==> flow/design.v <==
module my_multiplier #(
  parameter W = 36,
  parameter MULT_BY = 1445,
  parameter OUT_W = W + $clog2(MULT_BY + 1)
) (
  input  aclk,
  input  [W-1:0] lhs,
  output [OUT_W-1:0] out
);
  reg [W-1:0] r_lhs;
  always @(posedge aclk)
    r_lhs <= lhs;
  assign out = r_lhs * MULT_BY;
endmodule
# --- Reports on my_multiplier ---
# Tool output for the design above, in the order of the flow.
# Line numbers count from 1 in the design file above.
# Library cell names are shortened.
design:
  top_module: "my_multiplier"
  clock_port: "aclk"
  lib: "sky130hd"
  corner: "tt_025C_1v80"

# --- Word-level counts ---
# Counts by Yosys on the flattened word-level netlist (proc, flatten, opt, wreduce; memories kept). Register bits leave out memories and registers merged into their read ports (data or address); mux counts leave out enables and synchronous resets folded into registers. Print and check cells are left out. Cells with the same type and inputs are merged into one.
word_totals:
  n_memories: 0
  out_inout_bits: 47
  ff_bits: 36
  latchBits: 0
  clocked_rd_ports_x_width: 0
  rom_bits: 0
  ramBits: 0
classes:
  equal: 0
  mux: 0
  reduce_and_logical: 0
  n_addsub: 0
  div: 0
  compare: 0
  n_shift: 0
  n_logic: 0
  n_mul: 1
ops:
  columns: ["operator", "n"]
  rows:
  - ["multiplier 36 x 11 -> 47 bit with constant B", 1]

# --- Logic depth ---
# Yosys ltp: most cells in a row. Word level: on the elaborated netlist, between registers, memories and ports. Mapped: between sequential cells and ports; inverters and the memories' decode and read muxes count.
depth:
  depth_word: 1
  ABC_AREA: 0
  depth_mapped: 19
  ltp_nobuf: 18

# --- After synthesis ---
# The flow's flattened synthesis, as Yosys stat reports it; memories are mapped. The netlist is that of the ABC_AREA named above (0 if unset); the other value can give another one.
# The area totals of this step are shown rounded.
synth_totals:
  yosys_area_um2: 8310
  seqArea_um2: 721
  cells: 913
  flip_flops: 36
by_type:
  columns: ["type", "n", "type_area_um2"]
  rows:
  - ["fa_1", 125, 2502.4]
  - ["ha_1", 167, 2.09E+03]
  - ["inv_1", 275, 1032.24]
  - ["dfxtp_1", 36, 720.691]
  - ["a21oi_1", 51, 255.245]
  - ["xnor2_1", 26, 227.718]
  - ["a21o_1", 28, 210.202]
  - ["xor2_1", 18, 157.651]
  - ["nand2_1", 29, 108.854]
  - ["nand4_1", 16, 100.096]
  - ["o21ai_1", 13, 65.062]
  - ["nor2_1", 16, 60.058]
  - ["o21ai_0", 12, 60.058]
  - ["o211ai_1", 7, 52.55]
  - ["o21bai_1", 7, 52.55]
  - ["buf_2", 8, 40.038]
  - ["a31oi_1", 6, 37.536]
  - ["and2_1", 5, 31.28]
# Other cell types: 36; their cells: 68.

# --- Path before layout ---
# Source: OpenSTA report_checks on the synthesized netlist (no wires, ideal clock, input and output delay 20% of the period each), path of least setup slack; recovery checks are left aside. Register names are those of the netlist, which keeps one name where synthesis merged equal registers.
synth_timing:
  path_kind: "register to output"
  startpoint: "register r_lhs[6]"
  endpoint: "output out[46]"
  path_stages: 18
  t_arrival_ns: 4.723
  path_slack_ns: 1.181
  period_ns: 7.38
  delay_ns: 4.723
  output_delay_ns: 1.476
  t_first_pin_ns: 0.000
  period_less_setup_slack_ns: 6.199
# "delay_ns" = arrival - input delay + setup time.
# A path that ends at an output port has no setup time.
# "path_stages": output pins that drive a net of the path, with the launching flip-flop's if there is one; two outputs of one cell count as two.
# "period_less_setup_slack_ns" is the clock period less the worst setup slack; recovery checks do not enter. This is arithmetic on one report: input and output delays are still those of the set period (20% each).
# The rows between start and end are the longest chain of elaborated cells between them; the timing report does not say that the signal goes this way. Where chains are equally long, one stands for them.
# Each line given opens the expression or statement behind the cell; cells for indexed reads and writes are added by Yosys, which also makes memories of some case tables.
synth_between:
  cell_sequence: "dfxtp_1 ha_1 inv_1 fa_1 inv_1 fa_1 inv_1 fa_1 fa_1 inv_1 ha_1 and3_1 a311oi_2 a311oi_1 nor4_2 o31ai_1 a21oi_1 xor2_1"
  elab_chain_cells: 1
  cone_cells: 1
  cone_lines: 1
synth_rtl:
  columns: ["item", "line", "text"]
  rows:
  - ["start: declaration", 10, "reg [W-1:0] r_lhs;"]
  - ["start: assignment", 12, "r_lhs <= lhs;"]
  - ["multiplier 36 x 11 -> 47 bit", 13, "assign out = r_lhs * MULT_BY;"]
  - ["end: declaration", 8, "output [OUT_W-1:0] out"]

# --- Worst path after layout ---
# Path of least setup slack in the final report of entry A (OpenROAD, finished layout, wires in). Where an end is a register, its clock arrival counts in the times.
layout_timing:
  path_kind: "register to output"
  startpoint: "register r_lhs[5]"
  endpoint: "output out[41]"
  output_delay_ns: 1.48
  path_slack_ns: 0.19
  t_arrival_ns: 5.71
  path_stages: 20
  period_ns: 7.38
  t_first_pin_ns: 0.28
# The rows between start and end are the longest chain of elaborated cells between them; the timing report does not say that the signal goes this way. Where chains are equally long, one stands for them.
layout_between:
  cell_sequence: "dfxtp_1 ha_1 inv_1 fa_1 inv_1 fa_1 inv_1 fa_1 fa_1 inv_1 ha_2 a21oi_1 o21ai_0 a31oi_1 o21ai_2 a21oi_2 o21ai_1 a21boi_1 xnor2_1 clkdlybuf4s50_1"
  elab_chain_cells: 1
  cone_cells: 1
  cone_lines: 1
layout_rtl:
  columns: ["item", "line", "text"]
  rows:
  - ["start: declaration", 10, "reg [W-1:0] r_lhs;"]
  - ["start: assignment", 12, "r_lhs <= lhs;"]
  - ["multiplier 36 x 11 -> 47 bit", 13, "assign out = r_lhs * MULT_BY;"]
  - ["end: declaration", 8, "output [OUT_W-1:0] out"]

# Stored flow runs of my_multiplier (3 of them; Yosys, OpenROAD, sky130hd). They differ in their settings and are not a sequence. Constraints: input delay and output delay 20% of the set period each, output load 0.01 pF.
# By "timing.achieved_period_ns" is meant the clock period of the run minus its worst setup slack. This is arithmetic on one report: input and output delays are still those of the set period (20% each).
# "timing.worst_path_ns" means the part of the period allowed to the worst setup path (the constraints hold back 20% at inputs and 20% at outputs) less its slack; where the path has registers, the arrival times of their clocks count too.
# Values from the reports are rounded here.
runs:
  - name: "entry A"
    settings:
      period_ns: 7.38
      CAP_MARGIN: 20
      CORE_MARGIN: 2
      CORE_UTILIZATION: 40
      SLEW_MARGIN: 20
    results:
      timing.achieved_period_ns: 7.186
      timing.worst_path_ns: 5.71
      worstPathKind: "register to output"
      hold_ws_ns: 1.62
      setupTns_ns: 0.000
      util_frac: 0.479
      setup_worst_slack_ns: 0.194
      synthesis_area_um2: 8310
      design.die.area_um2: 21900
  - name: "entry B"
    settings:
      period_ns: 4.69
      CORE_UTILIZATION: 16
      PLACE_DENSITY_LB_ADDON: 0.12
      CORE_MARGIN: 6
      GPL_TIMING_DRIVEN: 0
      GPL_ROUTABILITY_DRIVEN: 1
      CTS_CLUSTER_SIZE: 87
      CTS_CLUSTER_DIAMETER: 51
      SLEW_MARGIN: 30
      MAX_ROUTING_LAYER: "met4"
      CAP_MARGIN: 20
    results:
      timing.achieved_period_ns: 6.157
      timing.worst_path_ns: 5.22
      worstPathKind: "register to output"
      hold_ws_ns: 1.06
      setupTns_ns: -39.2
      util_frac: 0.24
      setup_worst_slack_ns: -1.47
      synthesis_area_um2: 8310
      design.die.area_um2: 57600
  - name: "entry C"
    settings:
      period_ns: 3.67
      CORE_UTILIZATION: 39
      PLACE_DENSITY_LB_ADDON: 0.17
      CORE_ASPECT_RATIO: 1.05
      ABC_AREA: 1
      GPL_ROUTABILITY_DRIVEN: 1
      MAX_ROUTING_LAYER: "met4"
      CAP_MARGIN: 20
      CORE_MARGIN: 2
      SLEW_MARGIN: 20
    results:
      timing.achieved_period_ns: 5.266
      timing.worst_path_ns: 4.53
      worstPathKind: "register to output"
      hold_ws_ns: 0.859
      setupTns_ns: -53.4
      util_frac: 0.617
      setup_worst_slack_ns: -1.60
      synthesis_area_um2: 9270
      design.die.area_um2: 25000
